==> flow/design.v <==
module sync_registers_n #(
    parameter WORDS = 32,
    parameter W = 8,
    parameter AW = $clog2(WORDS)
) (
    input wire clock,
    input wire rst_n,
    input wire in_write,
    input wire [AW-1:0] in_wr_addr,
    input wire [W-1:0] in_wd,
    input wire [AW-1:0] in_read_addr_a,
    input wire [AW-1:0] in_read_addr_b,
    output wire [W-1:0] out_dout_a,
    output wire [W-1:0] out_dout_b
);
    reg write_d1;
    reg [AW-1:0] wr_addr_d1;
    reg [W-1:0] wd_d1;
    always @(posedge clock or negedge rst_n) begin
        if (!rst_n) begin
            write_d1 <= 1'b0;
            wr_addr_d1 <= 0;
            wd_d1 <= 0;
        end else begin
            write_d1 <= in_write;
            wr_addr_d1 <= in_wr_addr;
            wd_d1 <= in_wd;
        end
    end
    reg [W-1:0] mem [WORDS-1:0];
    always @(posedge clock) begin
        if (write_d1)
            mem[wr_addr_d1] <= wd_d1;
    end
    reg [AW-1:0] read_addr_a_d1;
    reg [AW-1:0] read_addr_b_d1;
    always @(posedge clock or negedge rst_n) begin
        if (!rst_n) begin
            read_addr_a_d1 <= 0;
            read_addr_b_d1 <= 0;
        end else begin
            read_addr_a_d1 <= in_read_addr_a;
            read_addr_b_d1 <= in_read_addr_b;
        end
    end
    assign out_dout_a = mem[read_addr_a_d1];
    assign out_dout_b = mem[read_addr_b_d1];
endmodule
======== Reports on sync_registers_n ========
What the tools print for sync_registers_n, step after step.
Lines are those of the file above, counted from 1.
Operators: Yosys type, input widths -> output width; for muxes data width and select width s.
A cell with n/a has no value.
design
  design top .............................. sync_registers_n
  clock port .............................. clock
  cell library ............................ sky130hd
  timing corner ........................... tt_025C_1v80

======== Word-level counts ========
Source: Yosys, flattened and elaborated, memories not mapped. Widths are those after wreduce; folded enables and synchronous resets count as part of the registers. Registers that Yosys merges into a memory's read port (data or address) are not register bits. Print and check cells do not count. Equal cells are merged and count once.
Memory sizes are those after Yosys's memory passes, which may raise the word count (mostly to a power of two), join words into wider ones and drop unused or constant bits.
operators by class
  multiplexer cells ....................... 3
operators with widths
  operator  count
  $mux 8    1
  $mux 5    1
  $mux 1    1
storage and ports
  bits in registers ....................... 24
  memory bits (writable) .................. 256
  memories kept ........................... 1
  input port bits ......................... 26
memories
  name  depth  bits a word  read ports  wr ports  RTL line  source
  mem   32     8            2           1         30        reg [W-1:0] mem [WORDS-1:0];

======== Depth ========
Depth = most cells in a row (Yosys ltp): at word level without a register or memory, in the mapped netlist without a sequential cell, where the memories' decode and read muxes count.
logic depth
  depth in word-level cells ............... 1
  ABC_AREA ................................ 0
  mapped depth ............................ 5

======== Netlist ========
Source: synth_stat.txt of the flow (Yosys; design flattened, memories mapped). It holds for the ABC_AREA given above (unset counts as 0); a run with the other value may have another netlist.
cell types
  cell                       count  area in all (µm²)
  sky130_fd_sc_hd__edfxtp_1  256    7.69E+03
  sky130_fd_sc_hd__mux4_2    160    3.6E+03
  sky130_fd_sc_hd__dfrtp_1   24     600.576
  sky130_fd_sc_hd__mux2_2    16     180.173
  sky130_fd_sc_hd__nor2_1    33     123.869
  sky130_fd_sc_hd__buf_4     12     90.086
  sky130_fd_sc_hd__buf_1     16     60.058
  sky130_fd_sc_hd__nand3b_1  5      37.536
  sky130_fd_sc_hd__clkbuf_1  7      26.275
  sky130_fd_sc_hd__or3b_2    3      26.275
  sky130_fd_sc_hd__buf_6     2      22.522
  sky130_fd_sc_hd__buf_2     2      10.01
  sky130_fd_sc_hd__nand3_1   2      10.01
  sky130_fd_sc_hd__or3_1     1      6.256
  sky130_fd_sc_hd__nand2_1   1      3.754
synthesis totals
  mapped cells ............................ 540
  chip area (Yosys) ....................... 12488.2 µm²
  mapped flip-flops ....................... 280

======== Worst setup path after synthesis ========
OpenSTA on the mapped netlist: ideal clock, no wires. The path of least setup slack (recovery checks aside). Input and output delay are each 20% of the period. Register names are those of the netlist, which keeps one name where synthesis merged equal registers.
path post-synthesis
  path type ............................... register to output
  from .................................... reg read_addr_b_d1[1]
  to ...................................... out out_dout_b[0]
  clock period ............................ 3.17 ns
  external output delay ................... 0.634 ns
  time at the first pin ................... 0.000 ns
  arrival time ............................ 2.029 ns
  data required time ...................... 2.536 ns
  path slack .............................. 0.507 ns
  delay of the path ....................... 2.029 ns
  stages on the path ...................... 6
  buffers on the path ..................... 2
  synthesis period reached ................ 2.663 ns
"delay of the path" is the arrival time less input delay plus setup time.
A path that ends at an output port has no setup time.
"stages on the path": output pins that drive a net of the path, with the launching flip-flop's if there is one; two outputs of one cell count as two.
"synthesis period reached" = period - worst setup slack (recovery checks aside). The figure is calculated, with input and output delays left at 20% of the set period.
Between the ends stands the longest chain of elaborated cells between them, by number of cells; it is not shown to be the way that was timed. Of several equally long chains one is given.
Each line given opens the expression or statement behind the cell; cells for indexed reads and writes are added by Yosys, which also makes memories of some case tables.
A memory read counts as a cell of the chain, while the word-level depth stops at memories.
between the ends, post-synthesis
  cells stage by stage .................... sky130_fd_sc_hd__dfrtp_1 > sky130_fd_sc_hd__clkbuf_1 > sky130_fd_sc_hd__buf_1 > sky130_fd_sc_hd__mux4_2 > sky130_fd_sc_hd__mux4_2 > sky130_fd_sc_hd__mux2_2
  length of the longest elaborated chain .. 1
ends and longest elaborated chain, post-synthesis
  what             RTL line  source
  start, declared  36        reg [AW-1:0] read_addr_b_d1;
  start, assigned  40        read_addr_b_d1 <= 0;
  start, assigned  43        read_addr_b_d1 <= in_read_addr_b;
  $mem_v2 32x8     30        reg [W-1:0] mem [WORDS-1:0];
  end, declared    14        output wire [W-1:0] out_dout_b

======== Path in the finished layout ========
From the final timing report of run 1: the path of least setup slack in the routed layout; clock arrival at registers is part of the times.
path post-layout
  path type ............................... register to output
  from .................................... reg read_addr_b_d1[0]
  to ...................................... out out_dout_b[5]
  clock period ............................ 2.8 ns
  external output delay ................... 0.56 ns
  time at the first pin ................... 0.55 ns
  arrival time ............................ 2.89 ns
  data required time ...................... 2.24 ns
  path slack .............................. -0.65 ns
  stages on the path ...................... 8
  buffers on the path ..................... 4
Between the ends stands the longest chain of elaborated cells between them, by number of cells; it is not shown to be the way that was timed. Of several equally long chains one is given.
A memory read counts as a cell of the chain, while the word-level depth stops at memories.
between the ends, post-layout
  cells stage by stage .................... sky130_fd_sc_hd__dfrtp_4 > sky130_fd_sc_hd__buf_6 > sky130_fd_sc_hd__buf_12 > sky130_fd_sc_hd__buf_12 > sky130_fd_sc_hd__mux4_2 > sky130_fd_sc_hd__mux4_2 > sky130_fd_sc_hd__mux2_4 > sky130_fd_sc_hd__buf_6
  length of the longest elaborated chain .. 1
ends and longest elaborated chain, post-layout
  what             RTL line  source
  start, declared  36        reg [AW-1:0] read_addr_b_d1;
  start, assigned  40        read_addr_b_d1 <= 0;
  start, assigned  43        read_addr_b_d1 <= in_read_addr_b;
  $mem_v2 32x8     30        reg [W-1:0] mem [WORDS-1:0];
  end, declared    14        output wire [W-1:0] out_dout_b

==> runs of sync_registers_n <==
Settings and measured results of 3 stored flow runs for module sync_registers_n (sky130hd), not sorted in any way. The constraints put input and output delay at 20% of the set period each and load the outputs with 0.01 pF.
"achieved clock period (ns)": clock period set for the run, less the worst setup slack. It is reckoned from that one timing run; input and output delays stay at 20% of the period that was set.
By "worst setup path time (ns)" is meant the share of the clock period that the worst setup path is allowed (20% is reserved at inputs, 20% at outputs), minus its slack. Clock arrival times at its registers enter into it.
"finish__power__total" rests on the timing tool's default activity at the inputs, not on a simulated workload.

Flow files of run 1
==> flow/run.sh <==
#!/bin/bash
# the make line also repeats the synthesis and layout settings of config.mk as NAME=value (left out here)
make -C /OpenROAD-flow-scripts/flow DESIGN_CONFIG=/design/flow/config.mk WORK_HOME=/design/flow/orfs CLKGATE_MAP_FILE= finish
==> flow/config.mk <==
export PLATFORM = sky130hd
export DESIGN_NAME = sync_registers_n
export DESIGN_NICKNAME = sync_registers_n
export VERILOG_FILES = /design/flow/design.v
export SDC_FILE = /design/flow/constraint.sdc
export NUM_CORES = 4
export LEC_CHECK = 0
export CAP_MARGIN = 20
export CELL_PAD_IN_SITES_DETAIL_PLACEMENT = 1
export CORE_MARGIN = 4
export CORE_UTILIZATION = 35
export CTS_CLUSTER_SIZE = 15
export GPL_TIMING_DRIVEN = 1
export PLACE_DENSITY_LB_ADDON = 0.29
export SETUP_SLACK_MARGIN = 0.59
export SLEW_MARGIN = 20
==> flow/constraint.sdc <==
create_clock -name core_clock -period 2.8 [get_ports {clock}]
set_input_delay 0.5600 -clock core_clock [delete_from_list [all_inputs] [get_ports {clock}]]
set_output_delay 0.5600 -clock core_clock [all_outputs]
set_load 0.01 [all_outputs]

report of run 1
yosys chip area after synthesis (um^2): 12488.2
finish__design__die__area: 38767.6
finish__design__instance__area__stdcell: 15488.6
finish__timing__setup__ws: -0.652
finish__timing__setup__tns: -9.695
finish__timing__hold__ws: 0.403
finish__power__total: 9.368e-03
achieved clock period (ns): 3.452
worst setup path time (ns): 2.89
worst setup path kind: register to output

Flow files of run 2
==> flow/run.sh <==
#!/bin/bash
# the make line also repeats the synthesis and layout settings of config.mk as NAME=value (left out here)
make -C /OpenROAD-flow-scripts/flow DESIGN_CONFIG=/design/flow/config.mk WORK_HOME=/design/flow/orfs CLKGATE_MAP_FILE= finish
==> flow/config.mk <==
export PLATFORM = sky130hd
export DESIGN_NAME = sync_registers_n
export DESIGN_NICKNAME = sync_registers_n
export VERILOG_FILES = /design/flow/design.v
export SDC_FILE = /design/flow/constraint.sdc
export NUM_CORES = 4
export LEC_CHECK = 0
export CAP_MARGIN = 20
export CORE_MARGIN = 2
export CORE_UTILIZATION = 65
export GPL_TIMING_DRIVEN = 1
export PLACE_DENSITY = 0.85
export SETUP_SLACK_MARGIN = 0.58
export SLEW_MARGIN = 20
==> flow/constraint.sdc <==
create_clock -name core_clock -period 2.09 [get_ports {clock}]
set_input_delay 0.4180 -clock core_clock [delete_from_list [all_inputs] [get_ports {clock}]]
set_output_delay 0.4180 -clock core_clock [all_outputs]
set_load 0.01 [all_outputs]

report of run 2
yosys chip area after synthesis (um^2): 12488.2
finish__design__die__area: 20337.6
finish__design__instance__area__stdcell: 16065.4
finish__timing__setup__ws: -1.273
finish__timing__setup__tns: -18.868
finish__timing__hold__ws: 0.277
finish__power__total: 1.277e-02
achieved clock period (ns): 3.363
worst setup path time (ns): 2.95
worst setup path kind: register to output

Flow files of run 3
==> flow/run.sh <==
#!/bin/bash
# the make line also repeats the synthesis and layout settings of config.mk as NAME=value (left out here)
make -C /OpenROAD-flow-scripts/flow DESIGN_CONFIG=/design/flow/config.mk WORK_HOME=/design/flow/orfs CLKGATE_MAP_FILE= finish
==> flow/config.mk <==
export PLATFORM = sky130hd
export DESIGN_NAME = sync_registers_n
export DESIGN_NICKNAME = sync_registers_n
export VERILOG_FILES = /design/flow/design.v
export SDC_FILE = /design/flow/constraint.sdc
export NUM_CORES = 4
export LEC_CHECK = 0
export CAP_MARGIN = 20
export CORE_MARGIN = 2
export CORE_UTILIZATION = 40
export SLEW_MARGIN = 20
==> flow/constraint.sdc <==
create_clock -name core_clock -period 3.17 [get_ports {clock}]
set_input_delay 0.6340 -clock core_clock [delete_from_list [all_inputs] [get_ports {clock}]]
set_output_delay 0.6340 -clock core_clock [all_outputs]
set_load 0.01 [all_outputs]

report of run 3
yosys chip area after synthesis (um^2): 12488.2
finish__design__die__area: 32650.7
finish__design__instance__area__stdcell: 15204.6
finish__timing__setup__ws: -0.335
finish__timing__setup__tns: -4.182
finish__timing__hold__ws: 0.464
finish__power__total: 8.495e-03
achieved clock period (ns): 3.505
worst setup path time (ns): 2.87
worst setup path kind: register to output
